==> flow/design.v <==
module dp_arith_n #(
   parameter W = 8
) (
   input  logic ck,
   input  logic resetn,
   input  logic signed [W-1:0] a_in,
   input  logic signed [W-1:0] b_in,
   input  logic dir_in,
   output logic [W-1:0] result_out,
   output logic carry_out_out
);
   logic signed [W-1:0] a_ff;
   logic signed [W-1:0] b_ff;
   logic dir_ff;
   logic [W-1:0] w2;
   assign w2 = b_ff ^ {W{dir_ff}};
   logic [W-1:0] nxt;
   assign nxt = $unsigned(a_ff) + w2 + dir_ff;
   always_ff @(posedge ck or negedge resetn) begin
      if (!resetn) begin
         a_ff <= '0;
         b_ff <= '0;
         dir_ff <= 1'b0;
         result_out <= '0;
         carry_out_out <= 1'b0;
      end else begin
         a_ff <= a_in;
         b_ff <= b_in;
         dir_ff <= dir_in;
         result_out <= nxt[W-1:0];
         carry_out_out <= (a_ff[W-1] == w2[W-1]) && (nxt[W-1] != a_ff[W-1]);
      end
   end
endmodule
### Tool chain data of dp_arith_n

What the tools print for dp_arith_n, step after step.
Lines are those of the file above, counted from 1.
Library cell names are shortened.
The mark - stands for no value.

| set-up | value |
|---|---|
| design top | dp_arith_n |
| clock | ck |
| library | sky130hd |
| library corner | tt_025C_1v80 |

### Word level

Yosys after proc, flatten, opt, wreduce and memory -nomap, before mapping. Enables and synchronous resets that opt folds into registers are not counted as muxes. Memory bits, and registers merged into a memory's read port (data or address), are not among the register bits. Print and check cells are not counted. Equal cells are merged and count once.

| storage and ports | value |
|---|---|
| register bits | 26 |
| input port bits | 19 |
| output and inout bits | 9 |

| cells by class | value |
|---|---|
| $add $sub $neg | 2 |
| equal/unequal tests | 2 |
| bitwise operators | 1 |
| reduce/logical cells | 1 |

Operator list:

| kind | number |
|---|---|
| 8-bit by 1-bit adder with 8-bit output | 1 |
| 8-bit adder | 1 |
| 8-bit bitwise XOR | 1 |
| 1-bit equality test | 1 |
| 1-bit != test | 1 |
| 1-bit logical AND | 1 |

### Logic depth

Longest topological path by Yosys (ltp), each cell counted once; first at word level (registers and memories cut), then after technology mapping (sequential cells cut; the memories' decode and read muxes count).

| logic depth | value |
|---|---|
| word-level depth | 5 |
| ABC_AREA | 0 |
| gate-level depth with buffers | 8 |

### Mapped cells and area

Source: synth_stat.txt of the flow (Yosys; design flattened, memories mapped). It holds for the ABC_AREA given above (unset counts as 0); a run with the other value may have another netlist.
The area totals of this step are shown rounded.

| synthesis totals | value |
|---|---|
| mapped cells | 75 |
| synthesis area | 1060 µm² |
| area of sequential cells | 651 µm² |
| flip-flop cells | 26 |

Cells by type:

| cell | number | area in all (µm²) |
|---|---|---|
| dfrtp_1 | 26 | 650.624 |
| xor2_1 | 11 | 96.342 |
| ha_1 | 6 | 75.072 |
| a31oi_4 | 1 | 21.27 |
| a21oi_1 | 4 | 20.019 |
| fa_1 | 1 | 20.019 |
| inv_1 | 4 | 15.014 |
| nand2_1 | 4 | 15.014 |
| o221ai_2 | 1 | 15.014 |
| mux2i_2 | 1 | 13.763 |
| nor2b_4 | 1 | 13.763 |
| buf_6 | 1 | 11.261 |
| mux2i_1 | 1 | 10.01 |
| o21ai_0 | 2 | 10.01 |
| o31a_1 | 1 | 8.758 |
| xnor2_1 | 1 | 8.758 |
| a21o_1 | 1 | 7.507 |
| o211ai_1 | 1 | 7.507 |

Not listed: further types 7, cells in them 7.

### Path before layout

Path of least setup slack by OpenSTA after synthesis, without wires, with an ideal clock, recovery checks aside; 20% of the period is set as input and as output delay. Where synthesis merged equal registers, the netlist keeps one of their names.

| timing post-synthesis | value |
|---|---|
| path kind | register to register |
| from | reg dir_ff |
| to | reg result_out[6] |
| period | 2.37 ns |
| library setup time | 0.069 ns |
| launch time at the first pin | 0.000 ns |
| arrival | 1.828 ns |
| required time | 2.301 ns |
| setup slack | 0.474 ns |
| path delay | 1.897 ns |
| driving pins on the path | 8 |
| path buffers | 1 |
| period reached after synthesis | 1.896 ns |

"path delay" is the arrival time less input delay plus setup time.
"driving pins on the path": output pins that drive a net of the path, with the launching flip-flop's if there is one; two outputs of one cell count as two.
"period reached after synthesis" is the clock period less the worst setup slack; recovery checks do not enter. This is arithmetic on one report: input and output delays are still those of the set period (20% each).
Between the ends stands the longest chain of elaborated cells between them, by number of cells; it is not shown to be the way that was timed. Of several equally long chains one is given.
Each line given opens the expression or statement behind the cell; cells for indexed reads and writes are added by Yosys, which also makes memories of some case tables.

| on the way, post-synthesis | value |
|---|---|
| path through | dfrtp_1 > buf_6 > xor2_1 > ha_1 > nor2b_4 > o31a_1 > or4_1 > nand3_1 |
| cells in the longest elaborated chain | 3 |
| elaborated cells on any way between the ends | 3 |
| source lines of those cells | 2 |

Ends and longest elaborated chain, post-synthesis:

| element | RTL line | RTL |
|---|---|---|
| from (decl) | 14 | `logic dir_ff;` |
| from (assign) | 23 | `dir_ff <= 1'b0;` |
| from (assign) | 29 | `dir_ff <= dir_in;` |
| 8-bit bitwise XOR | 16 | `assign w2 = b_ff ^ {W{dir_ff}};` |
| 8-bit adder | 18 | `assign nxt = $unsigned(a_ff) + w2 + dir_ff;` |
| 8-bit by 1-bit adder with 8-bit output | 18 |  |
| to (assign) | 24 | `result_out <= '0;` |
| to (assign) | 30 | `result_out <= nxt[W-1:0];` |
| to (decl) | 9 | `output logic [W-1:0] result_out,` |

### Worst path after layout

From the final timing report of flow run A: the path of least setup slack in the routed layout; clock arrival at registers is part of the times.

| timing after layout | value |
|---|---|
| path kind | register to register |
| from | reg dir_ff |
| to | reg result_out[6] |
| period | 2.93 ns |
| library setup time | 0.05 ns |
| launch time at the first pin | 0.32 ns |
| arrival | 2.34 ns |
| required time | 3.20 ns |
| setup slack | 0.86 ns |
| driving pins on the path | 7 |
| path buffers | 0 |

Between the ends stands the longest chain of elaborated cells between them, by number of cells; it is not shown to be the way that was timed. Of several equally long chains one is given.

| on the way, after layout | value |
|---|---|
| path through | dfrtp_1 > xor2_1 > ha_1 > nor2b_4 > o31a_1 > or4_1 > nand3_1 |
| cells in the longest elaborated chain | 3 |
| elaborated cells on any way between the ends | 3 |
| source lines of those cells | 2 |

Ends and longest elaborated chain, after layout:

| element | RTL line | RTL |
|---|---|---|
| from (decl) | 14 | `logic dir_ff;` |
| from (assign) | 23 | `dir_ff <= 1'b0;` |
| from (assign) | 29 | `dir_ff <= dir_in;` |
| 8-bit bitwise XOR | 16 | `assign w2 = b_ff ^ {W{dir_ff}};` |
| 8-bit adder | 18 | `assign nxt = $unsigned(a_ff) + w2 + dir_ff;` |
| 8-bit by 1-bit adder with 8-bit output | 18 |  |
| to (assign) | 24 | `result_out <= '0;` |
| to (assign) | 30 | `result_out <= nxt[W-1:0];` |
| to (decl) | 9 | `output logic [W-1:0] result_out,` |

Appendix: measured runs

dp_arith_n through Yosys and OpenROAD on sky130hd: 3 stored runs, unordered, with their settings and measured results. The constraints put input and output delay at 20% of the set period each and load the outputs with 0.01 pF.
By "period reached" is meant the clock period of the run minus its worst setup slack. This is arithmetic on one report: input and output delays are still those of the set period (20% each).
"time on the worst setup path": the worst setup path's part of the clock period (all of it between registers, 20% less for each end at a port) less its slack. A launch clock that arrives late makes it longer, a capture clock that arrives late makes it shorter.
Measured values are rounded.

#### Flow run A

| setting | value |
|---|---|
| period_ns | `2.93` |
| CORE_UTILIZATION | `58` |
| PLACE_DENSITY | `0.59` |
| CORE_ASPECT_RATIO | `1.3` |
| ABC_AREA | `0` |
| CTS_CLUSTER_SIZE | `70` |
| CTS_CLUSTER_DIAMETER | `334` |
| MIN_ROUTING_LAYER | `met2` |
| CAP_MARGIN | `20` |
| CORE_MARGIN | `2` |
| SLEW_MARGIN | `20` |

| result | value |
|---|---|
| mapped cell area after synthesis | 1060 µm² |
| area inside the die boundary | 2190 µm² |
| standard-cell area after layout | 1390 µm² |
| setup slack of the worst path | 0.860 ns |
| period reached | 2.070 ns |
| time on the worst setup path | 2.07 ns |
| kind of the worst setup path | register to register |

#### Flow run B

| setting | value |
|---|---|
| period_ns | `2.37` |
| CAP_MARGIN | `20` |
| CORE_MARGIN | `2` |
| CORE_UTILIZATION | `40` |
| SLEW_MARGIN | `20` |

| result | value |
|---|---|
| mapped cell area after synthesis | 1060 µm² |
| area inside the die boundary | 3080 µm² |
| standard-cell area after layout | 1400 µm² |
| setup slack of the worst path | 0.312 ns |
| period reached | 2.058 ns |
| time on the worst setup path | 2.06 ns |
| kind of the worst setup path | register to register |

#### Flow run C

| setting | value |
|---|---|
| period_ns | `1.53` |
| CORE_UTILIZATION | `70` |
| SETUP_SLACK_MARGIN | `0.33` |
| PLACE_DENSITY_LB_ADDON | `0.18` |
| CELL_PAD_IN_SITES_GLOBAL_PLACEMENT | `3` |
| ABC_AREA | `1` |
| GPL_TIMING_DRIVEN | `1` |
| GPL_ROUTABILITY_DRIVEN | `0` |
| CTS_CLUSTER_SIZE | `16` |
| MIN_ROUTING_LAYER | `met2` |
| CAP_MARGIN | `20` |
| CORE_MARGIN | `2` |
| SLEW_MARGIN | `20` |

No results, placement failed with FLW-0024.
